==> flow/design.v <==
module gen_mpy_stage (core_clk, srst, in_rs1, in_rs2, out_prod);
  parameter DATA_W = 10;
  input core_clk;
  input srst;
  input signed [DATA_W-1:0] in_rs1;
  input signed [DATA_W-1:0] in_rs2;
  output reg signed [2*DATA_W-1:0] out_prod;
  always @(posedge core_clk or posedge srst) begin
    if (srst) begin
      out_prod <= 0;
    end else begin
      out_prod <= in_rs1 * in_rs2;
    end
  end
endmodule
## Step by step through the tools: gen_mpy_stage

What the tools print for gen_mpy_stage, step after step.
Line numbers count from 1 in the design file above.
Cell names lack the library's common part.
Not given: --

| inputs | value |
|---|---|
| top | gen_mpy_stage |
| clock input | core_clk |
| standard-cell library | sky130hd |
| timing corner | tt_025C_1v80 |

## After elaboration

Source: Yosys, flattened and elaborated, memories not mapped. Widths are those after wreduce; folded enables and synchronous resets count as part of the registers. Registers that Yosys merges into a memory's read port (data or address) are not register bits. Print and check cells do not count. Equal cells are merged and count once.

| word-level totals | value |
|---|---|
| cells after elaboration | 2 |
| register bits after elaboration | 20 |
| input bits | 22 |

| operators by class | value |
|---|---|
| multiply operators | 1 |

Operators with widths:

| operator | number |
|---|---|
| multiplier 10 x 10 -> 20 bit | 1 |

## Depth

Longest topological path by Yosys (ltp), each cell counted once; first at word level (registers and memories cut), then after technology mapping (sequential cells cut; the memories' decode and read muxes count).

| logic depth | value |
|---|---|
| word-level depth | 1 |
| ABC_AREA | 0 |
| mapped depth | 19 |
| mapped depth without buffers | 18 |

## Synthesis result

Yosys stat after the flow's synthesis: flattened, memories mapped to cells. It holds for the ABC_AREA given above (unset counts as 0); a run with the other value may have another netlist.
Totals and module areas in this step are rounded.

| synthesis totals | value |
|---|---|
| flip-flops | 20 |
| cells in the netlist | 502 |
| chip area (Yosys) | 4579 µm² |

Cells by type:

| cell | number | total area (µm²) |
|---|---|---|
| fa_1 | 91 | 1.82E+03 |
| ha_1 | 49 | 613.088 |
| inv_1 | 141 | 529.258 |
| dfrtp_1 | 20 | 500.48 |
| nand2_1 | 64 | 240.23 |
| and2_1 | 33 | 206.448 |
| xnor2_1 | 18 | 157.651 |
| clkbuf_1 | 17 | 63.811 |
| a21oi_1 | 12 | 60.058 |
| nor2_1 | 12 | 45.043 |
| xor2_1 | 4 | 35.034 |
| a21o_1 | 4 | 30.029 |
| a211oi_2 | 2 | 25.024 |
| a31oi_1 | 4 | 25.024 |
| nand2b_1 | 4 | 25.024 |
| o21bai_1 | 3 | 22.522 |
| o21ai_2 | 2 | 17.517 |
| a311oi_2 | 1 | 15.014 |

Other cell types: 16; their cells: 21.

## Timing after synthesis

Source: OpenSTA report_checks on the synthesized netlist (no wires, ideal clock, input and output delay 20% of the period each), path of least setup slack; recovery checks are left aside. Register names are those of the netlist, which keeps one name where synthesis merged equal registers.

| timing path post-synthesis | value |
|---|---|
| path type | input port to flip-flop |
| start | input port in_rs1[9] |
| end | register out_prod[18] |
| path slack | 1.123 ns |
| data required time | 6.950 ns |
| arrival | 5.827 ns |
| driving pins on the path | 16 |
| path delay | 4.501 ns |
| period | 7.03 ns |
| synthesis period reached | 5.907 ns |

"path delay" is the arrival time less input delay plus setup time.
"driving pins on the path" counts driving pins, that of a launching flip-flop among them; a cell with two outputs on the path counts twice.
"synthesis period reached" is the clock period less the worst setup slack; recovery checks do not enter. This is arithmetic on one report: input and output delays are still those of the set period (20% each).
The rows between start and end are the longest chain of elaborated cells between them; the timing report does not say that the signal goes this way. Where chains are equally long, one stands for them.
Each line given opens the expression or statement behind the cell; cells for indexed reads and writes are added by Yosys, which also makes memories of some case tables.

| on the way, post-synthesis | value |
|---|---|
| cells stage by stage | clkbuf_1 -> and2_1 -> fa_1 -> inv_1 -> fa_1 -> inv_1 -> fa_1 -> fa_1 -> inv_1 -> fa_1 -> inv_1 -> ha_1 -> nand2_1 -> a2111o_1 -> a211o_1 -> o211ai_2 |
| length of the longest elaborated chain | 1 |

RTL lines, path post-synthesis:

| what | line | RTL |
|---|---|---|
| start: declaration | 5 | `input signed [DATA_W-1:0] in_rs1;` |
| multiplier 10 x 10 -> 20 bit | 12 | `out_prod <= in_rs1 * in_rs2;` |
| end: assignment | 10 | `out_prod <= 0;` |
| end: assignment | 12 |  |
| end: declaration | 7 | `output reg signed [2*DATA_W-1:0] out_prod;` |

## Path in the finished layout

Path of least setup slack in the final report of run 1 (OpenROAD, finished layout, wires in). Where an end is a register, its clock arrival counts in the times.

| timing path after layout | value |
|---|---|
| path type | input port to flip-flop |
| start | input port in_rs2[4] |
| end | register out_prod[18] |
| data required time | 7.21 ns |
| arrival | 6.62 ns |
| driving pins on the path | 17 |
| path slack | 0.59 ns |
| period | 7.03 ns |

The rows between start and end are the longest chain of elaborated cells between them; the timing report does not say that the signal goes this way. Where chains are equally long, one stands for them.

| on the way, after layout | value |
|---|---|
| cells stage by stage | clkdlybuf4s50_1 -> nand2_1 -> inv_1 -> fa_1 -> inv_1 -> fa_1 -> inv_1 -> fa_1 -> fa_1 -> inv_1 -> fa_1 -> inv_1 -> ha_1 -> nand2_1 -> a2111o_1 -> a211o_1 -> o211ai_2 |
| length of the longest elaborated chain | 1 |

RTL lines, path after layout:

| what | line | RTL |
|---|---|---|
| start: declaration | 6 | `input signed [DATA_W-1:0] in_rs2;` |
| multiplier 10 x 10 -> 20 bit | 12 | `out_prod <= in_rs1 * in_rs2;` |
| end: assignment | 10 | `out_prod <= 0;` |
| end: assignment | 12 |  |
| end: declaration | 7 | `output reg signed [2*DATA_W-1:0] out_prod;` |

# Flow runs of gen_mpy_stage

Design gen_mpy_stage on sky130hd. What follows are 3 stored runs of the flow, each under its own settings; their order means nothing. The constraints put input and output delay at 20% of the set period each and load the outputs with 0.01 pF.
"clock period reached" is the run's clock period less its worst setup slack. It is reckoned from that one timing run; input and output delays stay at 20% of the period that was set.
"time of the worst setup path" is the time allowed to the run's worst setup path (the clock period less input and output delay, where it has them) less its slack. Clock arrival times count: a late capture clock shortens it, a late launch clock lengthens it.
"power consumption": no workload was simulated; the value follows from the tool's default switching activity.
Results are given in rounded form.
Among the settings, - means not set for that run.

| run | period_ns | CAP_MARGIN | CORE_MARGIN | CORE_UTILIZATION | SLEW_MARGIN | SETUP_SLACK_MARGIN | PLACE_DENSITY | TNS_END_PERCENT | GPL_ROUTABILITY_DRIVEN | CTS_CLUSTER_DIAMETER | PLACE_DENSITY_LB_ADDON | CORE_ASPECT_RATIO | CELL_PAD_IN_SITES_GLOBAL_PLACEMENT | ABC_AREA | GPL_TIMING_DRIVEN | CTS_CLUSTER_SIZE | MAX_ROUTING_LAYER | netlist area reported by Yosys (µm²) | die area (µm²) | standard-cell area after layout (µm²) | post-route utilization (%) | worst setup slack after layout (ns) | total negative setup slack (ns) | power consumption (µW) | clock period reached (ns) | time of the worst setup path (ns) | worst path kind |
|---|---|---|---|---|---|---|---|---|---|---|---|---|---|---|---|---|---|---|---|---|---|---|---|---|---|---|---|
| run 1 | 7.03 | 20 | 2 | 40 | 20 | - | - | - | - | - | - | - | - | - | - | - | - | 4579 | 12320 | 5202 | 46.2 | 0.587 | 0.000 | 2255 | 6.443 | 5.04 | input port to flip-flop |
| run 2 | 3.78 | 20 | 2 | 47 | 20 | -0.14 | 0.74 | 10 | 0 | 298 | - | - | - | - | - | - | - | 4579 | 10550 | 6070 | 63.3 | -1.060 | -10.26 | 5780 | 4.840 | 4.08 | input port to flip-flop |
| run 3 | 4.7 | 20 | 2 | 22 | 10 | 0.1 | - | - | - | - | 0.11 | 1.69 | 1 | 0 | 1 | 54 | met5 | 4579 | 22030 | 7064 | 34.6 | -0.355 | -2.085 | 5761 | 5.055 | 4.11 | input port to flip-flop |
